==> flow/design.v <==
module dp_mult_top #(
  parameter XLEN = 14,
  parameter GB = 8
) (
  input wire ck,
  input wire valid,
  input wire [XLEN-1:0] in_arg0,
  input wire [XLEN-1:0] in_arg1,
  input wire in_start,
  output wire [2*XLEN+GB-1:0] out_mul
);
  reg [XLEN-1:0] arg0_reg;
  reg [XLEN-1:0] arg1_reg;
  reg start_reg;
  reg [2*XLEN-1:0] nxt_reg;
  reg start_reg_d;
  reg [2*XLEN+GB-1:0] accum;
  always @(posedge ck) begin
    if (valid) begin
      arg0_reg <= in_arg0;
      arg1_reg <= in_arg1;
      start_reg <= in_start;
      nxt_reg <= arg0_reg * arg1_reg;
      start_reg_d <= start_reg;
      accum <= start_reg_d ? nxt_reg : accum + nxt_reg;
    end
  end
  assign out_mul = accum;
endmodule
# Reports on dp_mult_top
# Tool output for the design above, in the order of the flow.
# Lines are those of the file above, counted from 1.
# Operators: Yosys type, input widths -> output width; for muxes data width and select width s.
# Library cell names are shortened.
# Not given: --
# inputs
top	dp_mult_top
clk_port	ck
library	sky130hd
pvt_corner	tt_025C_1v80

# After elaboration
# Counts by Yosys on the flattened word-level netlist (proc, flatten, opt, wreduce; memories kept). Register bits leave out memories and registers merged into their read ports (data or address); mux counts leave out enables and synchronous resets folded into registers. Print and check cells are left out. Cells with the same type and inputs are merged into one.
# word_totals
reg_bits	94
input_bits	31
output_inout_bits	36
word_cells	10
# classes
add_sub_neg	1
mul	1
muxes	1
# op_table
cell	n
$mul 14x14->28	1
$add 36x28->36	1
$mux 28	1

# Depth
# Longest topological path by Yosys (ltp), each cell counted once; first at word level (registers and memories cut), then after technology mapping (sequential cells cut; the memories' decode and read muxes count).
# depth
word_depth	2
abc_area	0
mapped_depth	22
mapped_depth_nobuf	21

# Mapped cells and area
# Yosys stat after the flow's synthesis: flattened, memories mapped to cells. It holds for the ABC_AREA given above (unset counts as 0); a run with the other value may have another netlist.
# mapped
stdcells	1214
synth_area_um2	11740.0
seq_area_um2	2822.7
flip_flops	94
buffers	50
# by_type
type	n	area_total_um2
fa_1	142	2.84E+03
edfxtp_1	94	2.82E+03
ha_1	120	1501.44
inv_1	180	675.648
and2_1	98	613.088
nand2_1	160	600.576
a21oi_1	55	275.264
o21ai_0	45	225.216
xnor2_1	25	218.96
clkbuf_1	46	172.666
a21o_1	19	142.637
nor2_1	37	138.883
xor2_1	15	131.376
o21bai_1	13	97.594
nand4_1	14	87.584
o211ai_1	9	67.565
and3_1	10	62.56
nand3_1	11	55.053
# Not listed: further types 50, cells in them 121.

# Timing after synthesis
# Path of least setup slack by OpenSTA after synthesis, without wires, with an ideal clock, recovery checks aside; 20% of the period is set as input and as output delay. Where synthesis merged equal registers, the netlist keeps one of their names.
# synth_path
path_kind	register to register
from	reg arg1_reg[2]
to	reg nxt_reg[26]
clock_period_ns	7.79
setup_time_ns	0.256
launch_ns	0.000
arrival_ns	5.972
required_ns	7.534
slack_ns	1.562
path_delay_ns	6.228
stages	23
n_path_buf	1
synth_period_reached_ns	6.228
# "path_delay_ns" = arrival - input delay + setup time.
# "stages" counts driving pins, that of a launching flip-flop among them; a cell with two outputs on the path counts twice.
# "synth_period_reached_ns" = period - worst setup slack (recovery checks aside). The figure is calculated, with input and output delays left at 20% of the set period.
# Between the ends stands the longest chain of elaborated cells between them, by number of cells; it is not shown to be the way that was timed. Of several equally long chains one is given.
# A line is the first line of the expression or statement that the cell stems from. Yosys adds cells for indexed reads and writes and turns some case tables into memories.
# synth_between
path_cell_list	edfxtp_1 > clkbuf_1 > and2_1 > fa_1 > inv_1 > fa_1 > inv_1 > fa_1 > inv_1 > fa_1 > inv_1 > fa_1 > inv_1 > fa_1 > inv_1 > ha_1 > a21oi_1 > nor3b_2 > a221oi_2 > a311oi_4 > o41ai_4 > or4_1 > and4_1
elab_chain_cells	1
cells_between	1
cone_lines	1
cone_classes	1 x mul
# synth_lines
item	line	rtl
start, declared	13	reg [XLEN-1:0] arg1_reg;
start, assigned	21	arg1_reg <= in_arg1;
$mul 14x14->28	23	nxt_reg <= arg0_reg * arg1_reg;
end, assigned	23
end, declared	15	reg [2*XLEN-1:0] nxt_reg;

# Worst path after layout
# Path of least setup slack in the final report of flow run A (OpenROAD, finished layout, wires in). Where an end is a register, its clock arrival counts in the times.
# layout_path
path_kind	register to register
from	reg arg0_reg[7]
to	reg nxt_reg[26]
clock_period_ns	11.0
setup_time_ns	0.24
launch_ns	0.37
arrival_ns	6.78
required_ns	11.13
slack_ns	4.35
stages	22
n_path_buf	0
# Between the ends stands the longest chain of elaborated cells between them, by number of cells; it is not shown to be the way that was timed. Of several equally long chains one is given.
# layout_between
path_cell_list	edfxtp_1 > and2_1 > fa_1 > inv_1 > fa_1 > inv_1 > fa_1 > inv_1 > fa_1 > inv_1 > fa_1 > inv_1 > fa_1 > inv_1 > ha_1 > a21oi_1 > nor3b_2 > a221oi_2 > a311oi_4 > o41ai_4 > or4_1 > and4_1
elab_chain_cells	1
cells_between	1
cone_lines	1
cone_classes	1 x mul
# layout_lines
item	line	rtl
start, declared	12	reg [XLEN-1:0] arg0_reg;
start, assigned	20	arg0_reg <= in_arg0;
$mul 14x14->28	23	nxt_reg <= arg0_reg * arg1_reg;
end, assigned	23
end, declared	15	reg [2*XLEN-1:0] nxt_reg;

# dp_mult_top through Yosys and OpenROAD on sky130hd: 3 stored runs, unordered, with their settings and measured results. The constraints put input and output delay at 20% of the set period each and load the outputs with 0.01 pF.
# "worst_setup_path_time_ns" = time allowed to the worst setup path (clock period - input delay - output delay, where it has them) - its slack; a late launch clock adds to it, a late capture clock takes from it.
# A setting shown as . is not set for that run.
run	period_ns	CORE_UTILIZATION	SETUP_SLACK_MARGIN	PLACE_DENSITY	CORE_MARGIN	CELL_PAD_IN_SITES_GLOBAL_PLACEMENT	ABC_AREA	GPL_ROUTABILITY_DRIVEN	CTS_CLUSTER_SIZE	SLEW_MARGIN	MIN_ROUTING_LAYER	MAX_ROUTING_LAYER	CAP_MARGIN	PLACE_DENSITY_LB_ADDON	TNS_END_PERCENT	post_route_stdcell_area_um2	fin_ws_ns	design.die.area_um2	synthesis_area_um2	worst_setup_path_time_ns	critical_path_type
flow run A	11.0	23	-0.12	0.61	9	0	0	1	66	30	met2	met4	20	.	.	13347.8	4.354	59501.8	11740.0	6.65	register to register
flow run B	8.59	36	-0.67	.	2	.	.	.	.	30	.	.	20	0.05	35	13056.3	2.013	34071.6	11740.0	6.58	register to register
flow run C	7.79	40	.	.	2	.	.	.	.	20	.	.	20	.	.	12993.7	1.217	30737.1	11740.0	6.57	register to register
